==> flow/design.v <==
module mul_unit_rtl (CLK, in0, in1, out);
   parameter WD = 24;
   input CLK;
   input [WD-1:0] in0;
   input [WD-1:0] in1;
   output [WD-1:0] out;
   reg [WD-1:0] out_d1;
   always @(posedge CLK) begin
      out_d1 <= in0 * in1;
   end
   assign out = out_d1;
endmodule
# Reports on mul_unit_rtl
# The steps from the RTL of mul_unit_rtl to its reports follow in flow order.
# Lines are those of the file above, counted from 1.
# Operators carry their Yosys type and port widths (W data, S select, Z words).
# Library cell names are shortened.
# A cell with -- has no value.
dict set report design {
  top_module {mul_unit_rtl}
  clk_port {CLK}
  cell_library {sky130hd}
  pvt_corner {tt_025C_1v80}
}

# Word level
# Source: Yosys, flattened and elaborated, memories not mapped. Widths are those after wreduce; folded enables and synchronous resets count as part of the registers. Registers that Yosys merges into a memory's read port (data or address) are not register bits. Print and check cells do not count. Equal cells are merged and count once.
dict set report word_totals {
  regBits 24
  latchBits 0
  mem_bits_rw 0
  romBits 0
  clocked_rd_ports_x_width 0
  n_memories 0
  in_bits 49
}
dict set report op_classes {
  addsub 0
  multipliers 1
  n_div 0
  compare 0
  equal 0
  n_shift 0
  mux 0
  bitwise 0
  reduce_and_logical 0
}
# operator n
set ops {}
lappend ops {{$mul A24 B24 Y24} 1}

# Depth
# Yosys ltp: most cells in a row. Word level: on the elaborated netlist, between registers, memories and ports. Mapped: between sequential cells and ports; inverters and the memories' decode and read muxes count.
dict set report depth {
  word_depth 1
  ABC_AREA 0
  mapped_depth 23
  ltp_nobuf 22
}

# Netlist
# The flow's flattened synthesis, as Yosys stat reports it; memories are mapped. The netlist is that of the ABC_AREA named above (0 if unset); the other value can give another one.
# type n
set by_type {}
lappend by_type {fa_1 213}
lappend by_type {inv_1 281}
lappend by_type {ha_1 83}
lappend by_type {and2_1 163}
lappend by_type {nand2_1 138}
lappend by_type {dfxtp_1 24}
lappend by_type {xnor2_1 48}
lappend by_type {clkbuf_1 40}
lappend by_type {xor2_1 12}
lappend by_type {a21oi_1 13}
lappend by_type {a21o_1 6}
lappend by_type {o21bai_1 6}
lappend by_type {o21ai_0 7}
lappend by_type {nor2_1 9}
lappend by_type {a2111oi_4 1}
lappend by_type {a211oi_1 3}
lappend by_type {o21a_1 3}
lappend by_type {xnor3_1 1}
# Not listed: further types 12, cells in them 13.
dict set report synth_totals {
  mapped_cells 1064
  area_um2 9472.8
  seq_area_um2 480.5
  ff_cells 24
}

# Path before layout
# Path of least setup slack by OpenSTA after synthesis, without wires, with an ideal clock, recovery checks aside; 20% of the period is set as input and as output delay. Where synthesis merged equal registers, the netlist keeps one of their names.
dict set report synth_path {
  kind {input port to flip-flop}
  startpoint {in in1[4]}
  endpoint {reg out_d1[19]}
  clock_period_ns 8.8
  t_first_pin_ns 1.760
  t_arrival_ns 7.322
  required_time_ns 8.728
  slack_ns 1.405
  path_delay_ns 5.634
  path_stages 23
  n_path_buf 2
  period_less_setup_slack_ns 7.395
}
# "path_delay_ns" = arrival - input delay + setup time.
# "path_stages" counts driving pins, that of a launching flip-flop among them; a cell with two outputs on the path counts twice.
# "period_less_setup_slack_ns" = period - worst setup slack (recovery checks aside). The figure is calculated, with input and output delays left at 20% of the set period.
# The rows between start and end are the longest chain of elaborated cells between them; the timing report does not say that the signal goes this way. Where chains are equally long, one stands for them.
# A line is the first line of the expression or statement that the cell stems from. Yosys adds cells for indexed reads and writes and turns some case tables into memories.
dict set report synth_between {
  cell_sequence {clkbuf_1 clkbuf_1 nand2_1 fa_1 inv_1 fa_1 inv_1 fa_1 fa_1 inv_1 ha_1 fa_1 inv_1 fa_1 inv_1 ha_1 and3_4 a2111oi_4 a21boi_2 and2_2 o21bai_1 a21oi_1 xnor2_1}
  elab_chain_len 1
  cone_cells 1
  cone_classes {mul: 1}
}
# element line
set synth_rtl {}
lappend synth_rtl {{start, declared} 5} ;# input [WD-1:0] in1;
lappend synth_rtl {{$mul A24 B24 Y24} 9} ;# out_d1 <= in0 * in1;
lappend synth_rtl {{end, assigned} 9}
lappend synth_rtl {{end, declared} 7} ;# reg [WD-1:0] out_d1;

# Timing after layout
# Path of least setup slack in the final report of job 1 (OpenROAD, finished layout, wires in). Where an end is a register, its clock arrival counts in the times.
dict set report layout_path {
  kind {input port to flip-flop}
  startpoint {in in1[0]}
  endpoint {reg out_d1[23]}
  clock_period_ns 8.8
  t_first_pin_ns 1.76
  t_arrival_ns 8.34
  required_time_ns 8.98
  slack_ns 0.64
  path_stages 22
  n_path_buf 1
}
# The rows between start and end are the longest chain of elaborated cells between them; the timing report does not say that the signal goes this way. Where chains are equally long, one stands for them.
dict set report layout_between {
  cell_sequence {clkdlybuf4s50_1 nand2_1 fa_1 inv_1 fa_1 inv_1 fa_1 fa_1 inv_1 ha_1 fa_1 inv_1 fa_1 inv_1 ha_1 and3_1 a2111oi_4 a21boi_2 and2_2 o21ai_0 a21oi_1 xnor2_1}
  elab_chain_len 1
  cone_cells 1
  cone_classes {mul: 1}
}
# element line
set layout_rtl {}
lappend layout_rtl {{start, declared} 5} ;# input [WD-1:0] in1;
lappend layout_rtl {{$mul A24 B24 Y24} 9} ;# out_d1 <= in0 * in1;
lappend layout_rtl {{end, assigned} 9}
lappend layout_rtl {{end, declared} 7} ;# reg [WD-1:0] out_d1;

Measured data: module mul_unit_rtl, platform sky130hd, 3 stored runs of the flow under differing settings, order arbitrary. Input and output delays are each 20% of the period that was set; the output load is 0.01 pF.
By "worst_path_time_ns" is meant the share of the clock period that the worst setup path is allowed (20% is reserved at inputs, 20% at outputs), minus its slack. Clock arrival times at its registers enter into it.

[flow] job 1: files
==> flow/run.sh <==
#!/bin/bash
# the make line also repeats the synthesis and layout settings of config.mk as NAME=value (left out here)
make -C /OpenROAD-flow-scripts/flow DESIGN_CONFIG=/design/flow/config.mk WORK_HOME=/design/flow/orfs CLKGATE_MAP_FILE= finish
==> flow/config.mk <==
export PLATFORM = sky130hd
export DESIGN_NAME = mul_unit_rtl
export DESIGN_NICKNAME = mul_unit_rtl
export VERILOG_FILES = /design/flow/design.v
export SDC_FILE = /design/flow/constraint.sdc
export NUM_CORES = 4
export LEC_CHECK = 0
export CAP_MARGIN = 20
export CORE_MARGIN = 2
export CORE_UTILIZATION = 40
export SLEW_MARGIN = 20
==> flow/constraint.sdc <==
create_clock -name core_clock -period 8.8 [get_ports {CLK}]
set_input_delay 1.7600 -clock core_clock [delete_from_list [all_inputs] [get_ports {CLK}]]
set_output_delay 1.7600 -clock core_clock [all_outputs]
set_load 0.01 [all_outputs]

[flow] job 1: metrics
[metrics] synthArea_um2 = 9472.8
[metrics] die_um2 = 24929.3
[metrics] layout_utilization_frac = 0.46
[metrics] final_setup_ws_ns = 0.641
[metrics] timing.hold.ws_ns = 2.516
[metrics] worst_path_time_ns = 6.40
[metrics] critical_path_kind = input port to flip-flop

[flow] job 2: files
==> flow/run.sh <==
#!/bin/bash
# the make line also repeats the synthesis and layout settings of config.mk as NAME=value (left out here)
make -C /OpenROAD-flow-scripts/flow DESIGN_CONFIG=/design/flow/config.mk WORK_HOME=/design/flow/orfs CLKGATE_MAP_FILE= finish
==> flow/config.mk <==
export PLATFORM = sky130hd
export DESIGN_NAME = mul_unit_rtl
export DESIGN_NICKNAME = mul_unit_rtl
export VERILOG_FILES = /design/flow/design.v
export SDC_FILE = /design/flow/constraint.sdc
export NUM_CORES = 4
export LEC_CHECK = 0
export CAP_MARGIN = 20
export CELL_PAD_IN_SITES_DETAIL_PLACEMENT = 0
export CELL_PAD_IN_SITES_GLOBAL_PLACEMENT = 2
export CORE_MARGIN = 5
export CORE_UTILIZATION = 40
export CTS_CLUSTER_SIZE = 34
export GPL_ROUTABILITY_DRIVEN = 0
export GPL_TIMING_DRIVEN = 1
export HOLD_SLACK_MARGIN = 0.08
export MAX_ROUTING_LAYER = met4
export MIN_ROUTING_LAYER = met1
export PLACE_DENSITY = 0.9
export SETUP_SLACK_MARGIN = -0.25
export SLEW_MARGIN = 5
==> flow/constraint.sdc <==
create_clock -name core_clock -period 7.57 [get_ports {CLK}]
set_input_delay 1.5140 -clock core_clock [delete_from_list [all_inputs] [get_ports {CLK}]]
set_output_delay 1.5140 -clock core_clock [all_outputs]
set_load 0.01 [all_outputs]

[flow] job 2: metrics
[metrics] synthArea_um2 = 9472.8
[metrics] die_um2 = 26859.9
[metrics] layout_utilization_frac = 0.483
[metrics] final_setup_ws_ns = 0.211
[metrics] timing.hold.ws_ns = 2.158
[metrics] worst_path_time_ns = 5.85
[metrics] critical_path_kind = input port to flip-flop

[flow] job 3: files
==> flow/run.sh <==
#!/bin/bash
# the make line also repeats the synthesis and layout settings of config.mk as NAME=value (left out here)
make -C /OpenROAD-flow-scripts/flow DESIGN_CONFIG=/design/flow/config.mk WORK_HOME=/design/flow/orfs CLKGATE_MAP_FILE= finish
==> flow/config.mk <==
export PLATFORM = sky130hd
export DESIGN_NAME = mul_unit_rtl
export DESIGN_NICKNAME = mul_unit_rtl
export VERILOG_FILES = /design/flow/design.v
export SDC_FILE = /design/flow/constraint.sdc
export NUM_CORES = 4
export LEC_CHECK = 0
export CAP_MARGIN = 40
export CELL_PAD_IN_SITES_DETAIL_PLACEMENT = 2
export CELL_PAD_IN_SITES_GLOBAL_PLACEMENT = 1
export CORE_MARGIN = 2
export CORE_UTILIZATION = 72
export CTS_CLUSTER_SIZE = 42
export PLACE_DENSITY_LB_ADDON = 0.09
export SLEW_MARGIN = 20
==> flow/constraint.sdc <==
create_clock -name core_clock -period 10.2 [get_ports {CLK}]
set_input_delay 2.0400 -clock core_clock [delete_from_list [all_inputs] [get_ports {CLK}]]
set_output_delay 2.0400 -clock core_clock [all_outputs]
set_load 0.01 [all_outputs]

[flow] job 3: no results, placement failed with FLW-0024
